==> flow/design.v <==
module compare (clock, rstn, d_i, mx_o);
  parameter DW = 36;
  parameter N_IN = 6;
  input clock;
  input rstn;
  input [N_IN*DW-1:0] d_i;
  output [DW-1:0] mx_o;
  reg [DW-1:0] cur;
  integer i;
  always @(*) begin
    cur = d_i[DW-1:0];
    for (i = 1; i < N_IN; i = i + 1)
      if (d_i[i*DW +: DW] > cur) cur = d_i[i*DW +: DW];
  end
  reg [DW-1:0] mx_reg;
  always @(posedge clock or negedge rstn) begin
    if (!rstn) begin
      mx_reg <= 0;
    end else begin
      mx_reg <= cur;
    end
  end
  assign mx_o = mx_reg;
endmodule
# Tool chain data of compare

What the tools print for compare, step after step.
Line numbers count from 1 in the design file above.
Operators: Yosys type, input widths -> output width; for muxes data width and select width s.
The mark -- stands for no value.

Design top: compare
Clock: clock
Standard-cell library: sky130hd
Corner: tt_025C_1v80

# Elaborated design

Counts by Yosys on the flattened word-level netlist (proc, flatten, opt, wreduce; memories kept). Register bits leave out memories and registers merged into their read ports (data or address); mux counts leave out enables and synchronous resets folded into registers. Print and check cells are left out. Cells with the same type and inputs are merged into one.

Order comparisons: 5
Muxes and demuxes: 5

Operators by type and width:

| cell         | number |
| $gt 36x36->1 | 5 |
| $mux 36      | 5 |

Register bits after elaboration: 36
Input bits: 218
Output and inout port bits: 36
Cells after elaboration: 11

# Logic depth

Depth = most cells in a row (Yosys ltp): at word level without a register or memory, in the mapped netlist without a sequential cell, where the memories' decode and read muxes count.

Depth after elaboration: 10
ABC_AREA: 0
Depth in mapped cells: 72
Depth with buffers taken out: 65

# After synthesis

The flow's flattened synthesis, as Yosys stat reports it; memories are mapped. The netlist is that of the ABC_AREA named above (0 if unset); the other value can give another one.

Cell types:

| cell                     | number | area in all (µm²) |
| sky130_fd_sc_hd__ha_1    | 176    | 2.2E+03 |
| sky130_fd_sc_hd__dfrtp_1 | 36     | 900.864 |
| sky130_fd_sc_hd__a21oi_1 | 104    | 520.499 |
| sky130_fd_sc_hd__inv_1   | 111    | 416.65 |
| sky130_fd_sc_hd__mux2_2  | 37     | 416.65 |
| sky130_fd_sc_hd__mux2i_1 | 37     | 370.355 |
| sky130_fd_sc_hd__a21o_1  | 48     | 360.346 |
| sky130_fd_sc_hd__nand4_1 | 45     | 281.52 |
| sky130_fd_sc_hd__nand2_1 | 64     | 240.23 |
| sky130_fd_sc_hd__o31ai_1 | 30     | 225.216 |
| sky130_fd_sc_hd__nor3_1  | 43     | 215.206 |
| sky130_fd_sc_hd__nor2_1  | 57     | 213.955 |
| sky130_fd_sc_hd__or2_1   | 30     | 187.68 |
| sky130_fd_sc_hd__o21ai_0 | 28     | 140.134 |
| sky130_fd_sc_hd__buf_6   | 11     | 123.869 |
| sky130_fd_sc_hd__a21oi_2 | 11     | 96.342 |
| sky130_fd_sc_hd__o31ai_2 | 7      | 87.584 |
| sky130_fd_sc_hd__buf_4   | 10     | 75.072 |

Other cell types: 46; their cells: 129.

Cell count: 1,014
Chip area (Yosys): 8,044.0 µm²
Sequential part of the area: 900.9 µm²
Mapped flip-flops: 36
Buffer cells: 39

# Path before layout

Source: OpenSTA report_checks on the synthesized netlist (no wires, ideal clock, input and output delay 20% of the period each), path of least setup slack; recovery checks are left aside. Register names are those of the netlist, which keeps one name where synthesis merged equal registers.

Path kind: input port to flip-flop
Start: input d_i[35]
End: register mx_reg[10]
Clock period: 19.8 ns
External input delay: 3.960 ns
Setup time: 0.096 ns
Launch time at the first pin: 3.960 ns
Arrival: 16.517 ns
Data required time: 19.704 ns
Setup slack: 3.187 ns
Path delay: 12.653 ns
Stages on the path: 69
Path buffers: 7
Synthesis period reached: 16.613 ns

"path delay" is the arrival time less input delay plus setup time.
"stages on the path" counts driving pins, that of a launching flip-flop among them; a cell with two outputs on the path counts twice.
"synthesis period reached" is the clock period less the worst setup slack; recovery checks do not enter. This is arithmetic on one report: input and output delays are still those of the set period (20% each).
The rows between start and end are the longest chain of elaborated cells between them; the timing report does not say that the signal goes this way. Where chains are equally long, one stands for them.
A line is the first line of the expression or statement that the cell stems from. Yosys adds cells for indexed reads and writes and turns some case tables into memories.

Cells stage by stage: sky130_fd_sc_hd__inv_1 sky130_fd_sc_hd__ha_1 sky130_fd_sc_hd__nand4_1 sky130_fd_sc_hd__or4_1 sky130_fd_sc_hd__a211o_1 sky130_fd_sc_hd__nand3_2 sky130_fd_sc_hd__o21ai_2 sky130_fd_sc_hd__buf_4 sky130_fd_sc_hd__mux2i_1 sky130_fd_sc_hd__ha_1 sky130_fd_sc_hd__a21oi_1 sky130_fd_sc_hd__o21bai_1 sky130_fd_sc_hd__a21o_1 sky130_fd_sc_hd__a2111oi_0 sky130_fd_sc_hd__o32ai_1 sky130_fd_sc_hd__a31o_2 sky130_fd_sc_hd__a21boi_1 sky130_fd_sc_hd__or2_2 (+33 left out) sky130_fd_sc_hd__buf_6 sky130_fd_sc_hd__nor3_1 sky130_fd_sc_hd__or2_1 sky130_fd_sc_hd__ha_1 sky130_fd_sc_hd__a21o_1 sky130_fd_sc_hd__a21o_1 sky130_fd_sc_hd__a21o_1 sky130_fd_sc_hd__a21o_1 sky130_fd_sc_hd__a21oi_1 sky130_fd_sc_hd__nor2b_1 sky130_fd_sc_hd__o21ai_0 sky130_fd_sc_hd__a21boi_0 sky130_fd_sc_hd__o21ai_0 sky130_fd_sc_hd__a21oi_1 sky130_fd_sc_hd__a211oi_1 sky130_fd_sc_hd__a21oi_1 sky130_fd_sc_hd__dlygate4sd3_1 sky130_fd_sc_hd__o31ai_1
Length of the longest elaborated chain: 10
Elaborated cells between the ends (all ways): 10
Source lines of those cells: 1
Those cells by class: 5 x compare; 5 x mux

RTL lines, path post-synthesis:

| element         | RTL line | RTL |
| start, declared | 6        | `input [N_IN*DW-1:0] d_i;` |
| $gt 36x36->1    | 13       | `if (d_i[i*DW +: DW] > cur) cur = d_i[i*DW +: DW];` |
| $mux 36         | 13       |  |
| $gt 36x36->1    | 13       |  |
| $mux 36         | 13       |  |
| $gt 36x36->1    | 13       |  |
| $mux 36         | 13       |  |
| $gt 36x36->1    | 13       |  |
| $mux 36         | 13       |  |
| $gt 36x36->1    | 13       |  |
| $mux 36         | 13       |  |
| end, assigned   | 18       | `mx_reg <= 0;` |
| end, assigned   | 20       | `mx_reg <= cur;` |
| end, declared   | 15       | `reg [DW-1:0] mx_reg;` |

# Worst path after layout

From the final timing report of flow run A: the path of least setup slack in the routed layout; clock arrival at registers is part of the times.

Path kind: input port to flip-flop
Start: input d_i[35]
End: register mx_reg[8]
Clock period: 19.8 ns
External input delay: 3.96 ns
Setup time: 0.11 ns
Launch time at the first pin: 3.96 ns
Arrival: 18.83 ns
Data required time: 19.97 ns
Setup slack: 1.14 ns
Stages on the path: 63
Path buffers: 3

The rows between start and end are the longest chain of elaborated cells between them; the timing report does not say that the signal goes this way. Where chains are equally long, one stands for them.

Cells stage by stage: sky130_fd_sc_hd__clkdlybuf4s50_1 sky130_fd_sc_hd__inv_1 sky130_fd_sc_hd__ha_1 sky130_fd_sc_hd__nand4_1 sky130_fd_sc_hd__nor4_2 sky130_fd_sc_hd__nand4_1 sky130_fd_sc_hd__o21ai_4 sky130_fd_sc_hd__buf_4 sky130_fd_sc_hd__mux2i_1 sky130_fd_sc_hd__ha_1 sky130_fd_sc_hd__nand2_1 sky130_fd_sc_hd__o21bai_1 sky130_fd_sc_hd__a21o_1 sky130_fd_sc_hd__a2111oi_0 sky130_fd_sc_hd__o32ai_1 sky130_fd_sc_hd__a31o_2 sky130_fd_sc_hd__a21boi_1 sky130_fd_sc_hd__or2_4 (+27 left out) sky130_fd_sc_hd__a221o_1 sky130_fd_sc_hd__o21ai_4 sky130_fd_sc_hd__mux2i_1 sky130_fd_sc_hd__ha_1 sky130_fd_sc_hd__a21o_1 sky130_fd_sc_hd__a21o_1 sky130_fd_sc_hd__a21o_1 sky130_fd_sc_hd__a21o_1 sky130_fd_sc_hd__a21oi_1 sky130_fd_sc_hd__nor2b_1 sky130_fd_sc_hd__o21ai_0 sky130_fd_sc_hd__a21boi_0 sky130_fd_sc_hd__o21ai_0 sky130_fd_sc_hd__a21oi_1 sky130_fd_sc_hd__a211oi_1 sky130_fd_sc_hd__a21oi_4 sky130_fd_sc_hd__buf_12 sky130_fd_sc_hd__o31ai_1
Length of the longest elaborated chain: 10
Elaborated cells between the ends (all ways): 10
Source lines of those cells: 1
Those cells by class: 5 x compare; 5 x mux

RTL lines, path post-layout:

| element         | RTL line | RTL |
| start, declared | 6        | `input [N_IN*DW-1:0] d_i;` |
| $gt 36x36->1    | 13       | `if (d_i[i*DW +: DW] > cur) cur = d_i[i*DW +: DW];` |
| $mux 36         | 13       |  |
| $gt 36x36->1    | 13       |  |
| $mux 36         | 13       |  |
| $gt 36x36->1    | 13       |  |
| $mux 36         | 13       |  |
| $gt 36x36->1    | 13       |  |
| $mux 36         | 13       |  |
| $gt 36x36->1    | 13       |  |
| $mux 36         | 13       |  |
| end, assigned   | 18       | `mx_reg <= 0;` |
| end, assigned   | 20       | `mx_reg <= cur;` |
| end, declared   | 15       | `reg [DW-1:0] mx_reg;` |

Subject: compare on sky130hd, stored results

Hello all,

Measured data: module compare, platform sky130hd, 3 stored runs of the flow under differing settings, order arbitrary. Input and output delays are each 20% of the period that was set; the output load is 0.01 pF.
"worst setup path time" means the part of the period allowed to the worst setup path (the constraints hold back 20% at inputs and 20% at outputs) less its slack; where the path has registers, the arrival times of their clocks count too.
"power consumption" rests on the timing tool's default activity at the inputs, not on a simulated workload.
Among the settings, n/a means not set for that run.

| setting or result                     | flow run A              | flow run B              | flow run C              |
| period_ns                             | 19.8                    | 22.5                    | 25.0                    |
| CAP_MARGIN                            | 20                      | 20                      | 20                      |
| CORE_MARGIN                           | 2                       | 6                       | 2                       |
| CORE_UTILIZATION                      | 40                      | 40                      | 27                      |
| SLEW_MARGIN                           | 20                      | 20                      | 15                      |
| PLACE_DENSITY_LB_ADDON                | n/a                     | 0.12                    | n/a                     |
| CORE_ASPECT_RATIO                     | n/a                     | 0.85                    | n/a                     |
| CELL_PAD_IN_SITES_GLOBAL_PLACEMENT    | n/a                     | 0                       | n/a                     |
| TNS_END_PERCENT                       | n/a                     | 90                      | 10                      |
| GPL_TIMING_DRIVEN                     | n/a                     | 0                       | 0                       |
| PLACE_DENSITY                         | n/a                     | n/a                     | 0.55                    |
| ABC_AREA                              | n/a                     | n/a                     | 0                       |
| GPL_ROUTABILITY_DRIVEN                | n/a                     | n/a                     | 0                       |
| CTS_CLUSTER_DIAMETER                  | n/a                     | n/a                     | 41                      |
| power consumption (uW)                | 1,005                   | 934.6                   | 834.2                   |
| area of the die (µm²)                 | 21,260.6                | 23,668.4                | 31,189.3                |
| synthesized cell area (µm²)           | 8,044.0                 | 8,044.0                 | 8,044.0                 |
| utilization in the final report (%)   | 55.3                    | 56.5                    | 38.0                    |
| worst setup path time (ns)            | 14.70                   | 16.18                   | 15.92                   |
| type of the worst setup path          | input port to flip-flop | input port to flip-flop | input port to flip-flop |
| setup slack of the critical path (ns) | 1.141                   | 1.822                   | 4.078                   |

Thanks
